==> flow/design.v <==
module core_as_core #(
   parameter int DW = 7
) (
   input  logic clock,
   input  logic [DW-1:0] dataa,
   input  logic [DW-1:0] datab,
   output logic [DW-1:0] diff
);
   logic [DW-1:0] r_dataa;
   logic [DW-1:0] r_datab;
   always_ff @(posedge clock) begin
      r_dataa <= dataa;
      r_datab <= datab;
      diff <= (r_dataa > r_datab) ? r_dataa - r_datab : r_datab - r_dataa;
   end
endmodule
== Tool chain data of core_as_core ==
The steps from the RTL of core_as_core to its reports follow in flow order.
Lines are those of the file above, counted from 1.
Operators: Yosys type, input widths -> output width; for muxes data width and select width s.
Cell names lack the library's common part.
The mark -- stands for no value.

* Top module: core_as_core
* Clock: clock
* Cell library: sky130hd
* Library corner: tt_025C_1v80

== After elaboration ==
Counts by Yosys on the flattened word-level netlist (proc, flatten, opt, wreduce; memories kept). Register bits leave out memories and registers merged into their read ports (data or address); mux counts leave out enables and synchronous resets folded into registers. Print and check cells are left out. Cells with the same type and inputs are merged into one.

* Register bits: 21
* Latch bits: 0
* RAM bits: 0
* Memory bits (read-only): 0
* Clocked read ports x word width: 0
* Memories kept: 0
* Input port bits: 15
* Output and inout bits: 7
* Word-level cells: 7

* Add/subtract/negate cells: 2
* $mul: 0
* Div/mod/pow operators: 0
* Order comparisons: 1
* Equality and inequality tests: 0
* Shift operators: 0
* Muxes and demuxes: 1
* Bitwise logic cells: 0
* Reduce/logical cells: 0

{| class="wikitable"
|+ Operator list
! kind !! count
|-
| $sub 7x7->7 || 2
|-
| $gt 7x7->1 || 1
|-
| $mux 7 || 1
|}

== Longest topological paths ==
Yosys ltp: most cells in a row. Word level: on the elaborated netlist, between registers, memories and ports. Mapped: between sequential cells and ports; inverters and the memories' decode and read muxes count.

* Depth after elaboration: 2
* ABC_AREA: 1
* Mapped depth: 12
* Gate-level depth less buffers: 11

== Synthesis result ==
Source: synth_stat.txt of the flow (Yosys; design flattened, memories mapped). It holds for the ABC_AREA given above (unset counts as 0); a run with the other value may have another netlist.

* Standard cells after synthesis: 161
* Mapped area: 1196.1 um^2
* Sequential part of the area: 420.4 um^2
* Flip-flop cells: 21
* Buffer cells: 2

{| class="wikitable"
|+ Cell types
! cell !! count !! area in all (um^2)
|-
| dfxtp_1 || 21 || 420.403
|-
| nand2_1 || 51 || 191.434
|-
| ha_1 || 13 || 162.656
|-
| inv_1 || 30 || 112.608
|-
| fa_1 || 2 || 40.038
|-
| nand3_1 || 7 || 35.034
|-
| nand2_2 || 5 || 31.28
|-
| nor2_1 || 7 || 26.275
|-
| xor2_1 || 3 || 26.275
|-
| nand4_1 || 4 || 25.024
|-
| o21ai_2 || 2 || 17.517
|-
| xnor2_1 || 2 || 17.517
|-
| a21oi_1 || 3 || 15.014
|-
| nor2_2 || 2 || 12.512
|-
| buf_6 || 1 || 11.261
|-
| inv_2 || 3 || 11.261
|-
| nand2_4 || 1 || 11.261
|-
| a21oi_2 || 1 || 8.758
|}

Not listed: further types 3, cells in them 3.

== Path before layout ==
Path of least setup slack by OpenSTA after synthesis, without wires, with an ideal clock, recovery checks aside; 20% of the period is set as input and as output delay. Where synthesis merged equal registers, the netlist keeps one of their names.

* Path type: reg-to-reg
* Start: register r_dataa[0]
* End: register diff[4]
* Clock period: 2420 ps
* Library setup time: 112 ps
* Launch time at the first pin: 0 ps
* Arrival: 1387 ps
* Required time: 2308 ps
* Slack: 921 ps
* Delay of the path: 1499 ps
* Stages on the path: 12
* Path buffers: 0
* Synthesis period reached: 1499 ps

"delay of the path" is the arrival time less input delay plus setup time.
"stages on the path" counts driving pins, that of a launching flip-flop among them; a cell with two outputs on the path counts twice.
"synthesis period reached" = period - worst setup slack (recovery checks aside). The figure is calculated, with input and output delays left at 20% of the set period.
Between the ends stands the longest chain of elaborated cells between them, by number of cells; it is not shown to be the way that was timed. Of several equally long chains one is given.
Each line given opens the expression or statement behind the cell; cells for indexed reads and writes are added by Yosys, which also makes memories of some case tables.

* Path through: dfxtp_1 > inv_1 > ha_1 > fa_1 > inv_1 > nand2_1 > nand3_1 > o21ai_0 > nand2_1 > nand2_1 > nand2_1 > nand2_1
* Cells in the longest elaborated chain: 2
* Elaborated cells between the ends (all ways): 4
* RTL lines with such cells: 1
* Those cells by class: add/sub: 2; compare: 1; mux: 1

{| class="wikitable"
|+ RTL lines, path after synthesis
! item !! line !! source
|-
| start: declaration || 9 || <nowiki>logic [DW-1:0] r_dataa;</nowiki>
|-
| start: assignment || 12 || <nowiki>r_dataa <= dataa;</nowiki>
|-
| $sub 7x7->7 || 14 || <nowiki>diff <= (r_dataa > r_datab) ? r_dataa - r_datab : r_datab - r_dataa;</nowiki>
|-
| $mux 7 || 14 ||
|-
| end: assignment || 14 ||
|-
| end: declaration || 7 || <nowiki>output logic [DW-1:0] diff</nowiki>
|}

== Worst path after layout ==
From the final timing report of run 1: the path of least setup slack in the routed layout; clock arrival at registers is part of the times.
The path's times are printed in steps of 10 ps; the period is the one set.

* Path type: reg-to-reg
* Start: register r_dataa[0]
* End: register diff[4]
* Clock period: 1840 ps
* Library setup time: 100 ps
* Launch time at the first pin: 260 ps
* Arrival: 1800 ps
* Required time: 2000 ps
* Slack: 190 ps
* Stages on the path: 12
* Path buffers: 0

Between the ends stands the longest chain of elaborated cells between them, by number of cells; it is not shown to be the way that was timed. Of several equally long chains one is given.

* Path through: dfxtp_1 > inv_1 > ha_1 > fa_2 > inv_2 > nand2_1 > nand3_1 > o21ai_0 > nand2_1 > nand2_1 > nand2_1 > nand2_1
* Cells in the longest elaborated chain: 2
* Elaborated cells between the ends (all ways): 4
* RTL lines with such cells: 1
* Those cells by class: add/sub: 2; compare: 1; mux: 1

{| class="wikitable"
|+ RTL lines, path post-layout
! item !! line !! source
|-
| start: declaration || 9 || <nowiki>logic [DW-1:0] r_dataa;</nowiki>
|-
| start: assignment || 12 || <nowiki>r_dataa <= dataa;</nowiki>
|-
| $sub 7x7->7 || 14 || <nowiki>diff <= (r_dataa > r_datab) ? r_dataa - r_datab : r_datab - r_dataa;</nowiki>
|-
| $mux 7 || 14 ||
|-
| end: assignment || 14 ||
|-
| end: declaration || 7 || <nowiki>output logic [DW-1:0] diff</nowiki>
|}

Top module core_as_core; platform sky130hd; tools Yosys and OpenROAD; 3 stored runs in no particular order. Input and output delays are each 20% of the period that was set; the output load is 0.01 pF.
"worst setup path time" is the time allowed to the run's worst setup path (the clock period less input and output delay, where it has them) less its slack. Clock arrival times count: a late capture clock shortens it, a late launch clock lengthens it.
By "power" is meant OpenSTA's value without simulated activity: inputs other than the clock are taken to toggle once in ten clock periods, and the tool carries that through the logic.
"worst setup path time" is given in steps of 10 ps.

Run 1
==> flow/run.sh <==
#!/bin/bash
# the make line also repeats the synthesis and layout settings of config.mk as NAME=value (left out here)
make -C /OpenROAD-flow-scripts/flow DESIGN_CONFIG=/design/flow/config.mk WORK_HOME=/design/flow/orfs CLKGATE_MAP_FILE= finish
==> flow/config.mk <==
export PLATFORM = sky130hd
export DESIGN_NAME = core_as_core
export DESIGN_NICKNAME = core_as_core
export VERILOG_FILES = /design/flow/design.v
export SDC_FILE = /design/flow/constraint.sdc
export NUM_CORES = 4
export LEC_CHECK = 0
export ABC_AREA = 1
export CAP_MARGIN = 20
export CORE_ASPECT_RATIO = 1.9
export CORE_MARGIN = 7
export CORE_UTILIZATION = 18
export GPL_ROUTABILITY_DRIVEN = 0
export MAX_ROUTING_LAYER = met5
export MIN_ROUTING_LAYER = met1
export PLACE_DENSITY_LB_ADDON = 0.1
export SLEW_MARGIN = 20
==> flow/constraint.sdc <==
create_clock -name core_clock -period 1.84 [get_ports {clock}]
set_input_delay 0.3680 -clock core_clock [delete_from_list [all_inputs] [get_ports {clock}]]
set_output_delay 0.3680 -clock core_clock [all_outputs]
set_load 0.01 [all_outputs]

==> results of run 1 <==
chip area after synthesis (Yosys): 1196.1 um^2
die area: 9242.3 um^2
standard-cell area of the final layout: 1575.3 um^2
worst setup slack after layout: 193 ps
total negative slack: 0 ps
worst hold slack: 550 ps
power: 0.001378 W
worst setup path time: 1650 ps
worst setup path kind: reg-to-reg

Run 2
==> flow/run.sh <==
#!/bin/bash
# the make line also repeats the synthesis and layout settings of config.mk as NAME=value (left out here)
make -C /OpenROAD-flow-scripts/flow DESIGN_CONFIG=/design/flow/config.mk WORK_HOME=/design/flow/orfs CLKGATE_MAP_FILE= finish
==> flow/config.mk <==
export PLATFORM = sky130hd
export DESIGN_NAME = core_as_core
export DESIGN_NICKNAME = core_as_core
export VERILOG_FILES = /design/flow/design.v
export SDC_FILE = /design/flow/constraint.sdc
export NUM_CORES = 4
export LEC_CHECK = 0
export ABC_AREA = 0
export CAP_MARGIN = 20
export CELL_PAD_IN_SITES_DETAIL_PLACEMENT = 0
export CORE_MARGIN = 2
export CORE_UTILIZATION = 64
export GPL_ROUTABILITY_DRIVEN = 1
export MAX_ROUTING_LAYER = met4
export MIN_ROUTING_LAYER = met2
export PLACE_DENSITY_LB_ADDON = 0.05
export SLEW_MARGIN = 10
export TNS_END_PERCENT = 10
==> flow/constraint.sdc <==
create_clock -name core_clock -period 3.24 [get_ports {clock}]
set_input_delay 0.6480 -clock core_clock [delete_from_list [all_inputs] [get_ports {clock}]]
set_output_delay 0.6480 -clock core_clock [all_outputs]
set_load 0.01 [all_outputs]

==> results of run 2 <==
chip area after synthesis (Yosys): 1138.6 um^2
die area: 2132.6 um^2
standard-cell area of the final layout: 1372.6 um^2
worst setup slack after layout: 1046 ps
total negative slack: 0 ps
worst hold slack: 579 ps
power: 0.0006172 W
worst setup path time: 2190 ps
worst setup path kind: reg-to-reg

Run 3
==> flow/run.sh <==
#!/bin/bash
# the make line also repeats the synthesis and layout settings of config.mk as NAME=value (left out here)
make -C /OpenROAD-flow-scripts/flow DESIGN_CONFIG=/design/flow/config.mk WORK_HOME=/design/flow/orfs CLKGATE_MAP_FILE= finish
==> flow/config.mk <==
export PLATFORM = sky130hd
export DESIGN_NAME = core_as_core
export DESIGN_NICKNAME = core_as_core
export VERILOG_FILES = /design/flow/design.v
export SDC_FILE = /design/flow/constraint.sdc
export NUM_CORES = 4
export LEC_CHECK = 0
export CAP_MARGIN = 20
export CORE_MARGIN = 2
export CORE_UTILIZATION = 40
export SLEW_MARGIN = 20
==> flow/constraint.sdc <==
create_clock -name core_clock -period 2.42 [get_ports {clock}]
set_input_delay 0.4840 -clock core_clock [delete_from_list [all_inputs] [get_ports {clock}]]
set_output_delay 0.4840 -clock core_clock [all_outputs]
set_load 0.01 [all_outputs]

==> results of run 3 <==
chip area after synthesis (Yosys): 1138.6 um^2
die area: 3289.0 um^2
standard-cell area of the final layout: 1380.1 um^2
worst setup slack after layout: 287 ps
total negative slack: 0 ps
worst hold slack: 567 ps
power: 0.0008094 W
worst setup path time: 2130 ps
worst setup path kind: reg-to-reg
